==> flow/design.v <==
module alu_compare_stage #(
    parameter DWIDTH = 96
) (
    input  aclk,
    input  reset,
    input  [DWIDTH-1:0] lhs,
    input  [DWIDTH-1:0] rhs,
    output [DWIDTH-1:0] mn,
    output [DWIDTH-1:0] mx
);
    reg [DWIDTH-1:0] lhs_s;
    reg [DWIDTH-1:0] rhs_s;
    always @(posedge aclk) begin
        if (reset) begin
            lhs_s <= 0;
            rhs_s <= 0;
        end else begin
            lhs_s <= lhs;
            rhs_s <= rhs;
        end
    end
    wire work;
    assign work = lhs_s < rhs_s;
    reg [DWIDTH-1:0] mn_s;
    always @(posedge aclk) begin
        if (reset) begin
            mn_s <= 0;
        end else begin
            mn_s <= work ? lhs_s : rhs_s;
        end
    end
    assign mn = mn_s;
    reg [DWIDTH-1:0] mx_s;
    always @(posedge aclk) begin
        if (reset) begin
            mx_s <= 0;
        end else begin
            mx_s <= work ? rhs_s : lhs_s;
        end
    end
    assign mx = mx_s;
endmodule
# Tool chain data of alu_compare_stage
# What the tools print for alu_compare_stage, step after step.
# Lines are those of the file above, counted from 1.
# Library cell names are shortened.
# A cell with -- has no value.
# inputs
top_module,alu_compare_stage
clock_port,aclk
library,sky130hd
lib_corner,tt_025C_1v80

# After elaboration
# Yosys after proc, flatten, opt, wreduce and memory -nomap, before mapping. Enables and synchronous resets that opt folds into registers are not counted as muxes. Memory bits, and registers merged into a memory's read port (data or address), are not among the register bits. Print and check cells are not counted. Equal cells are merged and count once.
# op_classes
compare,1
mux,2
# op_table
operator,n
96-bit 2-to-1 mux,2
96-bit < comparator,1
# bits
output_inout_bits,192
input_bits,194
word_cells,7
ff_bits,384

# Depth
# Yosys ltp: most cells in a row. Word level: on the elaborated netlist, between registers, memories and ports. Mapped: between sequential cells and ports; inverters and the memories' decode and read muxes count.
# logic_depth
word_depth,2
abc_area,0
ltp_mapped,12

# Synthesis result
# Source: synth_stat.txt of the flow (Yosys; design flattened, memories mapped). It holds for the ABC_AREA given above (unset counts as 0); a run with the other value may have another netlist.
# mapped
ff_cells,384
cell_count,1363
sequential_area_um2,7687.4
synth_area_um2,14790.4
# types
cell,n,area_total_um2
dfxtp_1,384,7.69E+03
mux2i_1,192,1.92E+03
nand2b_1,193,1.21E+03
nor2b_1,192,1.2E+03
ha_1,95,1188.64
inv_1,95,356.592
a21oi_1,37,185.178
clkbuf_1,43,161.405
nand4_1,16,100.096
nand2_1,24,90.086
buf_8,5,75.072
buf_6,5,56.304
and4_1,6,52.55
buf_4,6,45.043
o21ai_0,9,45.043
o21a_1,5,37.536
a211o_1,4,35.034
nand3_1,7,35.034
# Not listed: further types 20, cells in them 45.

# Worst setup path after synthesis
# Source: OpenSTA report_checks on the synthesized netlist (no wires, ideal clock, input and output delay 20% of the period each), path of least setup slack; recovery checks are left aside. Register names are those of the netlist, which keeps one name where synthesis merged equal registers.
# synth_timing
path_type,register -> register
from,register rhs_s[2]
to,register mx_s[46]
launch_ns,0.000
delay_ns,2.488
t_arrival_ns,2.416
tclk_ns,3.11
setup_slack_ns,0.622
driving_pins,13
period_less_setup_slack_ns,2.488
# "delay_ns" = arrival - input delay + setup time.
# "driving_pins": output pins that drive a net of the path, with the launching flip-flop's if there is one; two outputs of one cell count as two.
# "period_less_setup_slack_ns" = period - worst setup slack (recovery checks aside). The figure is calculated, with input and output delays left at 20% of the set period.
# The rows between start and end are the longest chain of elaborated cells between them; the timing report does not say that the signal goes this way. Where chains are equally long, one stands for them.
# A line is the first line of the expression or statement that the cell stems from. Yosys adds cells for indexed reads and writes and turns some case tables into memories.
# synth_via
cell_sequence,dfxtp_1 > inv_1 > ha_1 > a211o_1 > a31oi_1 > o31ai_1 > a211o_1 > a311oi_2 > o21a_1 > buf_4 > buf_8 > buf_8 > mux2i_1
elab_chain_len,2
cone_cells,2
lines_between,2
classes_between,1 x compare; 1 x mux
# synth_lines
item,line,source
"start, declared",12,reg [DWIDTH-1:0] rhs_s;
"start, assigned",16,rhs_s <= 0;
"start, assigned",19,rhs_s <= rhs;
96-bit < comparator,23,assign work = lhs_s < rhs_s;
96-bit 2-to-1 mux,38,mx_s <= work ? rhs_s : lhs_s;
"end, assigned",36,mx_s <= 0;
"end, assigned",38,
"end, declared",33,reg [DWIDTH-1:0] mx_s;

# Worst path after layout
# From the final timing report of entry A: the path of least setup slack in the routed layout; clock arrival at registers is part of the times.
# layout_timing
path_type,register -> register
from,register rhs_s[62]
to,register mx_s[67]
launch_ns,0.56
tclk_ns,3.02
setup_slack_ns,0.31
t_arrival_ns,3.20
driving_pins,12
# The rows between start and end are the longest chain of elaborated cells between them; the timing report does not say that the signal goes this way. Where chains are equally long, one stands for them.
# layout_via
cell_sequence,dfxtp_1 > inv_1 > ha_1 > and4_4 > and3_4 > a211o_1 > o2bb2ai_4 > nor3_4 > o21a_4 > buf_12 > buf_12 > mux2i_1
elab_chain_len,2
cone_cells,2
lines_between,2
classes_between,1 x compare; 1 x mux
# layout_lines
item,line,source
"start, declared",12,reg [DWIDTH-1:0] rhs_s;
"start, assigned",16,rhs_s <= 0;
"start, assigned",19,rhs_s <= rhs;
96-bit < comparator,23,assign work = lhs_s < rhs_s;
96-bit 2-to-1 mux,38,mx_s <= work ? rhs_s : lhs_s;
"end, assigned",36,mx_s <= 0;
"end, assigned",38,
"end, declared",33,reg [DWIDTH-1:0] mx_s;

Ticket comment

3 stored runs of alu_compare_stage in the flow (synthesis by Yosys, layout by OpenROAD, sky130hd cells), in arbitrary order. Constraints: input delay and output delay 20% of the set period each, output load 0.01 pF.
"worst_setup_path_time_ns": the worst setup path's part of the clock period (all of it between registers, 20% less for each end at a port) less its slack. A launch clock that arrives late makes it longer, a capture clock that arrives late makes it shorter.
"total_power_w" is the tool's figure for a default switching activity; nothing was simulated.

Entry A, flow files:
==> flow/run.sh <==
#!/bin/bash
# the make line also repeats the synthesis and layout settings of config.mk as NAME=value (left out here)
make -C /OpenROAD-flow-scripts/flow DESIGN_CONFIG=/design/flow/config.mk WORK_HOME=/design/flow/orfs CLKGATE_MAP_FILE= finish
==> flow/config.mk <==
export PLATFORM = sky130hd
export DESIGN_NAME = alu_compare_stage
export DESIGN_NICKNAME = alu_compare_stage
export VERILOG_FILES = /design/flow/design.v
export SDC_FILE = /design/flow/constraint.sdc
export NUM_CORES = 4
export LEC_CHECK = 0
export CAP_MARGIN = 20
export CELL_PAD_IN_SITES_DETAIL_PLACEMENT = 1
export CORE_ASPECT_RATIO = 1.11
export CORE_MARGIN = 2
export CORE_UTILIZATION = 19
export CTS_CLUSTER_SIZE = 31
export GPL_ROUTABILITY_DRIVEN = 1
export MAX_ROUTING_LAYER = met4
export PLACE_DENSITY_LB_ADDON = 0.22
export SETUP_SLACK_MARGIN = 0.21
export SLEW_MARGIN = 10
==> flow/constraint.sdc <==
create_clock -name core_clock -period 3.02 [get_ports {aclk}]
set_input_delay 0.6040 -clock core_clock [delete_from_list [all_inputs] [get_ports {aclk}]]
set_output_delay 0.6040 -clock core_clock [all_outputs]
set_load 0.01 [all_outputs]

==> results of entry A, as CSV <==
result,value
post_synth_area_um2,14790.4
worst_setup_path_time_ns,2.71
worstPathKind,"register -> register"
final_stdcell_area_um2,22402.7
util_pct,29.1
total_power_w,0.01373
worst_hold_slack_ns,0.459
dieArea_um2,80094.9
fin_ws_ns,0.310

Entry B, flow files:
==> flow/run.sh <==
#!/bin/bash
# the make line also repeats the synthesis and layout settings of config.mk as NAME=value (left out here)
make -C /OpenROAD-flow-scripts/flow DESIGN_CONFIG=/design/flow/config.mk WORK_HOME=/design/flow/orfs CLKGATE_MAP_FILE= finish
==> flow/config.mk <==
export PLATFORM = sky130hd
export DESIGN_NAME = alu_compare_stage
export DESIGN_NICKNAME = alu_compare_stage
export VERILOG_FILES = /design/flow/design.v
export SDC_FILE = /design/flow/constraint.sdc
export NUM_CORES = 4
export LEC_CHECK = 0
export CAP_MARGIN = 20
export CORE_MARGIN = 2
export CORE_UTILIZATION = 40
export SLEW_MARGIN = 20
==> flow/constraint.sdc <==
create_clock -name core_clock -period 3.11 [get_ports {aclk}]
set_input_delay 0.6220 -clock core_clock [delete_from_list [all_inputs] [get_ports {aclk}]]
set_output_delay 0.6220 -clock core_clock [all_outputs]
set_load 0.01 [all_outputs]

==> results of entry B, as CSV <==
result,value
total_power_w,0.012502
util_pct,56.8
fin_ws_ns,0.262
post_synth_area_um2,14790.4
dieArea_um2,38529.8
final_stdcell_area_um2,20739.9
worst_setup_path_time_ns,2.85
worstPathKind,"register -> register"
worst_hold_slack_ns,0.471

Entry C, flow files:
==> flow/run.sh <==
#!/bin/bash
# the make line also repeats the synthesis and layout settings of config.mk as NAME=value (left out here)
make -C /OpenROAD-flow-scripts/flow DESIGN_CONFIG=/design/flow/config.mk WORK_HOME=/design/flow/orfs CLKGATE_MAP_FILE= finish
==> flow/config.mk <==
export PLATFORM = sky130hd
export DESIGN_NAME = alu_compare_stage
export DESIGN_NICKNAME = alu_compare_stage
export VERILOG_FILES = /design/flow/design.v
export SDC_FILE = /design/flow/constraint.sdc
export NUM_CORES = 4
export LEC_CHECK = 0
export CAP_MARGIN = 10
export CELL_PAD_IN_SITES_DETAIL_PLACEMENT = 2
export CELL_PAD_IN_SITES_GLOBAL_PLACEMENT = 0
export CORE_ASPECT_RATIO = 1.45
export CORE_MARGIN = 9
export CORE_UTILIZATION = 45
export SETUP_SLACK_MARGIN = -0.29
export SLEW_MARGIN = 20
==> flow/constraint.sdc <==
create_clock -name core_clock -period 3.42 [get_ports {aclk}]
set_input_delay 0.6840 -clock core_clock [delete_from_list [all_inputs] [get_ports {aclk}]]
set_output_delay 0.6840 -clock core_clock [all_outputs]
set_load 0.01 [all_outputs]

Entry C: no results, clock tree synthesis failed with DPL-0033
